==> flow/design.v <==
module full_adder (
  input logic a,
  input logic b,
  input logic ci,
  output logic s,
  output logic co
);
  assign {co, s} = a + b + ci;
endmodule
module u_add_sub_stage #(
  parameter WD = 6
) (
  input  logic clk,
  input  logic [WD-1:0] A,
  input  logic [WD-1:0] B,
  input  logic dir,
  output logic [WD-1:0] diff,
  output logic cout
);
  logic [WD-1:0] A_s;
  logic [WD-1:0] B_s;
  logic dir_s;
  always_ff @(posedge clk) begin
    A_s <= A;
    B_s <= B;
    dir_s <= dir;
  end
  logic [WD-1:0] tmp;
  logic [WD:0] cy;
  assign cy[0] = dir_s;
  generate
    for (genvar ii = 0; ii < WD; ii++) begin : g_bit
      full_adder inst (.a(A_s[ii]), .b(B_s[ii] ^ dir_s), .ci(cy[ii]), .s(tmp[ii]), .co(cy[ii+1]));
    end
  endgenerate
  assign diff = tmp;
  assign cout = cy[WD];
endmodule
# Tool chain data of u_add_sub_stage
# Tool output for the design above, in the order of the flow.
# Lines are those of the file above, counted from 1.
# Operators: Yosys type, input widths -> output width; for muxes data width and select width s.
# Cell names lack the library's common part.
setup:
  top: "u_add_sub_stage"
  clock: "clk"
  lib: "sky130hd"
  pvt_corner: "tt_025C_1v80"

# Elaborated design
# Source: Yosys, flattened and elaborated, memories not mapped. Widths are those after wreduce; folded enables and synchronous resets count as part of the registers. Registers that Yosys merges into a memory's read port (data or address) are not register bits. Print and check cells do not count. Equal cells are merged and count once.
bits:
  input_bits: 14
  wordCells: 21
  reg_bits: 13
classes:
  n_addsub: 12
  logic: 6
op_table:
  columns: ["op", "count"]
  rows:
  - ["$add 1x1->2", 6]
  - ["$add 2x1->2", 6]
  - ["$xor 1x1->1", 6]

# Depth
# Depth = most cells in a row (Yosys ltp): at word level without a register or memory, in the mapped netlist without a sequential cell, where the memories' decode and read muxes count.
logic_depth:
  depth_word: 8
  ABC_AREA: 0
  depth_mapped: 10
  ltp_nobuf: 8

# Synthesis result
# The flow's flattened synthesis, as Yosys stat reports it; memories are mapped. The netlist is that of the ABC_AREA named above (0 if unset); the other value can give another one.
# The area totals of this step are shown rounded.
mapped:
  cells: 40
  yosys_area_um2: 510
  ff_cells: 13
  seqArea_um2: 260
  buf_cells: 7
types:
  columns: ["cell", "count", "type_area_um2"]
  rows:
  - ["dfxtp_1", 13, 260.25]
  - ["fa_1", 5, 100.096]
  - ["buf_4", 6, 45.043]
  - ["inv_1", 8, 30.029]
  - ["xnor2_1", 3, 26.275]
  - ["xor2_1", 3, 26.275]
  - ["buf_6", 1, 11.261]
  - ["mux2_2", 1, 11.261]
# By module: a second synthesis without flattening, with its own total; a netlist apart from the flattened one above.
hier_totals:
  hier_cells: 26
  area_unflattened_um2: 440
# Rows give one instance, submodules left out.
modules:
  columns: ["module", "cells", "seq_area_um2", "n_inst", "area_um2"]
  rows:
  - ["u_add_sub_stage", 20, 260, 1, 320]
  - ["full_adder", 1, 0.0, 6, 20]

# Worst setup path after synthesis
# OpenSTA on the mapped netlist: ideal clock, no wires. The path of least setup slack (recovery checks aside). Input and output delay are each 20% of the period. Register names are those of the netlist, which keeps one name where synthesis merged equal registers.
synth_path:
  path_kind: "reg-to-output"
  from: "reg dir_s"
  to: "out diff[5]"
  driving_pins: 11
  path_slack_ps: 659
  arrival_time_ps: 2637
  out_delay_ps: 824
  path_buffers: 2
  launch_ps: 0
  path_delay_ps: 2637
  period_ps: 4120
  required_time_ps: 3296
  period_less_setup_slack_ps: 3461
# "path_delay_ps" is the arrival time less input delay plus setup time.
# At an output port there is no setup time.
# "driving_pins": output pins that drive a net of the path, with the launching flip-flop's if there is one; two outputs of one cell count as two.
# "period_less_setup_slack_ps" = period - worst setup slack (recovery checks aside). The figure is calculated, with input and output delays left at 20% of the set period.
# The rows between start and end are the longest chain of elaborated cells between them; the timing report does not say that the signal goes this way. Where chains are equally long, one stands for them.
# A line is the first line of the expression or statement that the cell stems from. Yosys adds cells for indexed reads and writes and turns some case tables into memories.
synth_between:
  cell_sequence: "dfxtp_1 > buf_6 > xor2_1 > fa_1 > inv_1 > fa_1 > fa_1 > fa_1 > inv_1 > fa_1 > buf_4"
  elab_chain_cells: 8
synth_rtl:
  columns: ["item", "line", "source"]
  rows:
  - ["start, declared", 22, "logic dir_s;"]
  - ["start, assigned", 26, "dir_s <= dir;"]
  - ["$xor 1x1->1", 33, "full_adder inst (.a(A_s[ii]), .b(B_s[ii] ^ dir_s), .ci(cy[ii]), .s(tmp[ii]), .co(cy[ii+1]));"]
  - ["$add 1x1->2", 8, "assign {co, s} = a + b + ci;"]
  - ["$add 2x1->2 x6", 8, null]
  - ["end, declared", 17, "output logic [WD-1:0] diff,"]
# Nets of the timed path that keep an RTL name, with a line that drives or declares them; the list need not be complete.
synth_nets:
  columns: ["net", "line"]
  rows:
  - ["g_bit[5].inst.s", 8]

# Path in the finished layout
# From the final timing report of flow run B: the path of least setup slack in the routed layout; clock arrival at registers is part of the times.
# The path's times are printed in steps of 10 ps; the period is the one set.
layout_path:
  path_kind: "reg-to-output"
  from: "reg B_s[0]"
  to: "out diff[5]"
  arrival_time_ps: 3100
  launch_ps: 280
  driving_pins: 10
  path_buffers: 1
  out_delay_ps: 820
  required_time_ps: 3300
  path_slack_ps: 200
  period_ps: 4120
# The rows between start and end are the longest chain of elaborated cells between them; the timing report does not say that the signal goes this way. Where chains are equally long, one stands for them.
layout_between:
  cell_sequence: "dfxtp_1 > mux2_2 > fa_1 > inv_1 > fa_1 > fa_1 > fa_1 > inv_1 > fa_1 > dlygate4sd2_1"
  elab_chain_cells: 8
layout_rtl:
  columns: ["item", "line", "source"]
  rows:
  - ["start, declared", 21, "logic [WD-1:0] B_s;"]
  - ["start, assigned", 25, "B_s <= B;"]
  - ["$xor 1x1->1", 33, "full_adder inst (.a(A_s[ii]), .b(B_s[ii] ^ dir_s), .ci(cy[ii]), .s(tmp[ii]), .co(cy[ii+1]));"]
  - ["$add 1x1->2", 8, "assign {co, s} = a + b + ci;"]
  - ["$add 2x1->2 x6", 8, null]
  - ["end, declared", 17, "output logic [WD-1:0] diff,"]

Appendix: measured runs

Measured results for u_add_sub_stage: 3 stored runs of the Yosys and OpenROAD flow on sky130hd. The settings differ; the order carries no meaning. The constraints put input and output delay at 20% of the set period each and load the outputs with 0.01 pF.
By "period_reached_ps" is meant the clock period of the run minus its worst setup slack. This is arithmetic on one report: input and output delays are still those of the set period (20% each).
"worstPathTime_ps" means the part of the period allowed to the worst setup path (the constraints hold back 20% at inputs and 20% at outputs) less its slack; where the path has registers, the arrival times of their clocks count too.
"design_power_uw" rests on the timing tool's default activity at the inputs, not on a simulated workload.
"worstPathTime_ps" is given in steps of 10 ps.
Measured values are rounded.

--- flow run A ---
==> flow/run.sh <==
#!/bin/bash
# the make line also repeats the synthesis and layout settings of config.mk as NAME=value (left out here)
make -C /OpenROAD-flow-scripts/flow DESIGN_CONFIG=/design/flow/config.mk WORK_HOME=/design/flow/orfs CLKGATE_MAP_FILE= finish
==> flow/config.mk <==
export PLATFORM = sky130hd
export DESIGN_NAME = u_add_sub_stage
export DESIGN_NICKNAME = u_add_sub_stage
export VERILOG_FILES = /design/flow/design.v
export SDC_FILE = /design/flow/constraint.sdc
export NUM_CORES = 4
export LEC_CHECK = 0
export ABC_AREA = 1
export CAP_MARGIN = 40
export CELL_PAD_IN_SITES_GLOBAL_PLACEMENT = 0
export CORE_ASPECT_RATIO = 0.58
export CORE_MARGIN = 10
export CORE_UTILIZATION = 57
export GPL_TIMING_DRIVEN = 1
export MAX_ROUTING_LAYER = met4
export SETUP_SLACK_MARGIN = 0.64
export SLEW_MARGIN = 20
==> flow/constraint.sdc <==
create_clock -name core_clock -period 2.6 [get_ports {clk}]
set_input_delay 0.5200 -clock core_clock [delete_from_list [all_inputs] [get_ports {clk}]]
set_output_delay 0.5200 -clock core_clock [all_outputs]
set_load 0.01 [all_outputs]

==> results, as YAML <==
outcome: "not finished: floorplanning ended with error PDN-0185"

--- flow run B ---
==> flow/run.sh <==
#!/bin/bash
# the make line also repeats the synthesis and layout settings of config.mk as NAME=value (left out here)
make -C /OpenROAD-flow-scripts/flow DESIGN_CONFIG=/design/flow/config.mk WORK_HOME=/design/flow/orfs CLKGATE_MAP_FILE= finish
==> flow/config.mk <==
export PLATFORM = sky130hd
export DESIGN_NAME = u_add_sub_stage
export DESIGN_NICKNAME = u_add_sub_stage
export VERILOG_FILES = /design/flow/design.v
export SDC_FILE = /design/flow/constraint.sdc
export NUM_CORES = 4
export LEC_CHECK = 0
export CAP_MARGIN = 20
export CORE_MARGIN = 2
export CORE_UTILIZATION = 40
export SLEW_MARGIN = 20
==> flow/constraint.sdc <==
create_clock -name core_clock -period 4.12 [get_ports {clk}]
set_input_delay 0.8240 -clock core_clock [delete_from_list [all_inputs] [get_ports {clk}]]
set_output_delay 0.8240 -clock core_clock [all_outputs]
set_load 0.01 [all_outputs]

==> results, as YAML <==
results:
  period_reached_ps: 3924
  timing.setup.ws_ps: 200
  ys_area_um2: 510
  die_footprint_um2: 1600
  design_power_uw: 290
  fin_tns_ps: 0
  cell_area_final_um2: 720
  final_hold_ws_ps: 980
  worstPathTime_ps: 3100
  path_kind: "reg-to-output"

--- flow run C ---
==> flow/run.sh <==
#!/bin/bash
# the make line also repeats the synthesis and layout settings of config.mk as NAME=value (left out here)
make -C /OpenROAD-flow-scripts/flow DESIGN_CONFIG=/design/flow/config.mk WORK_HOME=/design/flow/orfs CLKGATE_MAP_FILE= finish
==> flow/config.mk <==
export PLATFORM = sky130hd
export DESIGN_NAME = u_add_sub_stage
export DESIGN_NICKNAME = u_add_sub_stage
export VERILOG_FILES = /design/flow/design.v
export SDC_FILE = /design/flow/constraint.sdc
export NUM_CORES = 4
export LEC_CHECK = 0
export CAP_MARGIN = 15
export CELL_PAD_IN_SITES_GLOBAL_PLACEMENT = 3
export CORE_ASPECT_RATIO = 0.97
export CORE_MARGIN = 6
export CORE_UTILIZATION = 39
export GPL_TIMING_DRIVEN = 1
export MAX_ROUTING_LAYER = met5
export MIN_ROUTING_LAYER = met1
export PLACE_DENSITY_LB_ADDON = 0.1
export SETUP_SLACK_MARGIN = 0.39
export SLEW_MARGIN = 35
==> flow/constraint.sdc <==
create_clock -name core_clock -period 4.67 [get_ports {clk}]
set_input_delay 0.9340 -clock core_clock [delete_from_list [all_inputs] [get_ports {clk}]]
set_output_delay 0.9340 -clock core_clock [all_outputs]
set_load 0.01 [all_outputs]

==> results, as YAML <==
results:
  period_reached_ps: 4056
  timing.setup.ws_ps: 610
  ys_area_um2: 510
  die_footprint_um2: 2300
  design_power_uw: 250
  fin_tns_ps: 0
  cell_area_final_um2: 700
  final_hold_ws_ps: 1100
  worstPathTime_ps: 3120
  path_kind: "reg-to-output"
